==> flow/design.v <==
module gen_add_n #(
    parameter WIDTH = 14,
    parameter NIN = 24,
    parameter RW = WIDTH + $clog2(NIN)
) (
    input ck,
    input clr,
    input en,
    input [NIN*WIDTH-1:0] i_ch,
    output reg [RW-1:0] o_o
);
    reg [NIN*WIDTH-1:0] ch_q;
    wire [RW-1:0] n_ [1:2*NIN-1];
    genvar gi;
    generate
        for (gi = 0; gi < NIN; gi = gi + 1) begin : g_bit
            assign n_[NIN+gi] = ch_q[gi*WIDTH +: WIDTH];
        end
        for (gi = 1; gi < NIN; gi = gi + 1) begin : stage
            assign n_[gi] = n_[2*gi] + n_[2*gi+1];
        end
    endgenerate
    always @(posedge ck or posedge clr) begin
        if (clr) begin
            ch_q <= 0;
            o_o <= 0;
        end else if (en) begin
            ch_q <= i_ch;
            o_o <= n_[1];
        end
    end
endmodule
From RTL to reports: gen_add_n
What the tools print for gen_add_n, step after step.
Line numbers count from 1 in the design file above.
Operators: Yosys type, input widths -> output width; for muxes data width and select width s.
Cell names lack the library's common part.
A cell with - has no value.
Design
  top module: gen_add_n
  clock input: ck
  standard-cell library: sky130hd
  timing corner: tt_025C_1v80

Elaborated design
Counts by Yosys on the flattened word-level netlist (proc, flatten, opt, wreduce). Print and check cells are left out. Cells with the same type and inputs are merged into one.
Storage and ports
  bits in registers: 355
  output and inout port bits: 19
  cells after elaboration: 25
Operators by class
  add/sub/neg operators: 23
Operator list (number)
  $add 19x19->19: 11
  $add 14x14->15: 12

Logic depth
Longest topological path by Yosys (ltp), each cell counted once; first at word level (registers and memories cut), then after technology mapping (sequential cells cut; the memories' decode and read muxes count).
Logic depth
  word-level depth: 5
  ABC_AREA: 0
  mapped depth: 26

Mapped cells and area
Yosys stat after the flow's synthesis: flattened, memories mapped to cells. It holds for the ABC_AREA given above (unset counts as 0); a run with the other value may have another netlist.
Cells by type
  dfrtp_1: number 355, area in all 8883.52 µm²
  mux2_2: number 333, area in all 3.75E+03 µm²
  fa_1: number 159, area in all 3.18E+03 µm²
  ha_1: number 192, area in all 2.4E+03 µm²
  inv_1: number 179, area in all 671.894 µm²
  xnor2_1: number 71, area in all 621.846 µm²
  a21oi_1: number 118, area in all 590.566 µm²
  a21o_1: number 61, area in all 457.939 µm²
  xor2_1: number 52, area in all 455.437 µm²
  o21ai_0: number 73, area in all 365.35 µm²
  nor2_1: number 89, area in all 334.07 µm²
  nand2_1: number 73, area in all 274.013 µm²
  a211oi_1: number 30, area in all 225.216 µm²
  o21a_1: number 28, area in all 210.202 µm²
  clkbuf_1: number 47, area in all 176.419 µm²
  nor2b_1: number 28, area in all 175.168 µm²
  o21ai_1: number 31, area in all 155.149 µm²
  o21bai_1: number 14, area in all 105.101 µm²
Not listed: further types 55, cells in them 206.
Mapped netlist
  standard cells after synthesis: 2139
  mapped area: 24554.8 µm²
  sequential part of the area: 8883.5 µm²
  flip-flops: 355
  buffers: 48

Timing after synthesis
Source: OpenSTA report_checks on the synthesized netlist (no wires, ideal clock, input and output delay 20% of the period each), path of least setup slack; recovery checks are left aside. Register names are those of the netlist, which keeps one name where synthesis merged equal registers.
Timing post-synthesis
  path type: register to register
  from: reg ch_q[224]
  to: reg o_o[17]
  clock period: 7.87 ns
  time at the first pin: 0.000 ns
  arrival time: 6.170 ns
  required time: 7.745 ns
  setup slack: 1.576 ns
  delay of the path: 6.295 ns
  stages: 25
  path buffers: 1
  synthesis period reached: 6.294 ns
"delay of the path" = arrival - input delay + setup time.
"stages" counts driving pins, that of a launching flip-flop among them; a cell with two outputs on the path counts twice.
"synthesis period reached" is the clock period less the worst setup slack; recovery checks do not enter. This is arithmetic on one report: input and output delays are still those of the set period (20% each).
Between the ends stands the longest chain of elaborated cells between them, by number of cells; it is not shown to be the way that was timed. Of several equally long chains one is given.
A line is the first line of the expression or statement that the cell stems from. Yosys adds cells for indexed reads and writes and turns some case tables into memories.
Between the ends, post-synthesis
  path through: dfrtp_1 ha_1 fa_1 a211o_1 a21oi_1 o21ai_1 a221oi_2 o21ai_1 xnor2_1 fa_1 fa_1 inv_1 fa_1 fa_1 inv_1 fa_1 inv_1 ha_1 clkbuf_1 a21oi_1 o21ai_1 a221oi_1 o31ai_1 xor2_1 mux2_2
  length of the longest elaborated chain: 5
  elaborated cells between the ends (all ways): 5
  RTL lines with such cells: 1
  those cells by class: add/sub (5)
RTL lines, path post-synthesis
  start: declaration: line 12  | reg [NIN*WIDTH-1:0] ch_q;
  start: assignment: line 25  | ch_q <= 0;
  start: assignment: line 28  | ch_q <= i_ch;
  $add 14x14->15: line 20  | assign n_[gi] = n_[2*gi] + n_[2*gi+1];
  $add 19x19->19 x4: line 20
  end: assignment: line 26  | o_o <= 0;
  end: assignment: line 29  | o_o <= n_[1];
  end: declaration: line 10  | output reg [RW-1:0] o_o

Path in the finished layout
From the final timing report of run 1: the path of least setup slack in the routed layout; clock arrival at registers is part of the times.
Timing post-layout
  path type: register to register
  from: reg ch_q[146]
  to: reg o_o[14]
  clock period: 7.17 ns
  time at the first pin: 0.58 ns
  arrival time: 7.19 ns
  required time: 7.60 ns
  setup slack: 0.41 ns
  stages: 21
  path buffers: 0
Between the ends stands the longest chain of elaborated cells between them, by number of cells; it is not shown to be the way that was timed. Of several equally long chains one is given.
Between the ends, post-layout
  path through: dfrtp_1 ha_1 a21oi_4 inv_2 o41ai_2 o311ai_1 or4b_1 nand3_1 fa_1 fa_1 fa_1 fa_1 inv_1 fa_1 inv_1 ha_1 a21o_1 a211o_1 o31ai_2 xor2_1 a21oi_1
  length of the longest elaborated chain: 5
  elaborated cells between the ends (all ways): 5
  RTL lines with such cells: 1
  those cells by class: add/sub (5)
RTL lines, path post-layout
  start: declaration: line 12  | reg [NIN*WIDTH-1:0] ch_q;
  start: assignment: line 25  | ch_q <= 0;
  start: assignment: line 28  | ch_q <= i_ch;
  $add 14x14->15: line 20  | assign n_[gi] = n_[2*gi] + n_[2*gi+1];
  $add 19x19->19 x4: line 20
  end: assignment: line 26  | o_o <= 0;
  end: assignment: line 29  | o_o <= n_[1];
  end: declaration: line 10  | output reg [RW-1:0] o_o

Subject: gen_add_n on sky130hd, stored results

Hello all,

Top module gen_add_n; platform sky130hd; tools Yosys and OpenROAD; 3 stored runs in no particular order. Input and output delays are each 20% of the period that was set; the output load is 0.01 pF.
"achieved clock period (ns)" is the run's clock period less its worst setup slack. It is reckoned from that one timing run; input and output delays stay at 20% of the period that was set.
"worst setup path time (ns)" is the time allowed to the run's worst setup path (the clock period less input and output delay, where it has them) less its slack. Clock arrival times count: a late capture clock shortens it, a late launch clock lengthens it.

settings of run 1
{
  "period_ns": 7.17,
  "CORE_UTILIZATION": 49,
  "PLACE_DENSITY_LB_ADDON": 0.17,
  "ABC_AREA": 0,
  "GPL_TIMING_DRIVEN": 1,
  "MIN_ROUTING_LAYER": "met2",
  "MAX_ROUTING_LAYER": "met5",
  "CAP_MARGIN": 20,
  "CORE_MARGIN": 2,
  "SLEW_MARGIN": 20
}
report of run 1
yosys chip area after synthesis (um^2): 24554.8
finish__design__die__area: 51917.9
finish__design__instance__area__stdcell: 30297.8
finish__design__instance__utilization: 0.6089
finish__timing__setup__ws: 0.406
finish__timing__setup__tns: 0.000
finish__timing__hold__ws: 0.492
achieved clock period (ns): 6.764
worst setup path time (ns): 6.76
worst setup path kind: register to register

settings of run 2
{
  "period_ns": 7.87,
  "CAP_MARGIN": 20,
  "CORE_MARGIN": 2,
  "CORE_UTILIZATION": 40,
  "SLEW_MARGIN": 20
}
report of run 2
yosys chip area after synthesis (um^2): 24554.8
finish__design__die__area: 63385.6
finish__design__instance__area__stdcell: 30396.7
finish__design__instance__utilization: 0.5027
finish__timing__setup__ws: 1.029
finish__timing__setup__tns: 0.000
finish__timing__hold__ws: 0.492
achieved clock period (ns): 6.841
worst setup path time (ns): 6.84
worst setup path kind: register to register

settings of run 3
{
  "period_ns": 4.09,
  "CORE_UTILIZATION": 67,
  "SETUP_SLACK_MARGIN": -0.3,
  "CELL_PAD_IN_SITES_DETAIL_PLACEMENT": 1,
  "GPL_TIMING_DRIVEN": 1,
  "MIN_ROUTING_LAYER": "met1",
  "MAX_ROUTING_LAYER": "met5",
  "CAP_MARGIN": 20,
  "CORE_MARGIN": 2,
  "SLEW_MARGIN": 20
}
report of run 3: did not finish, place, DPL-0033

Thanks
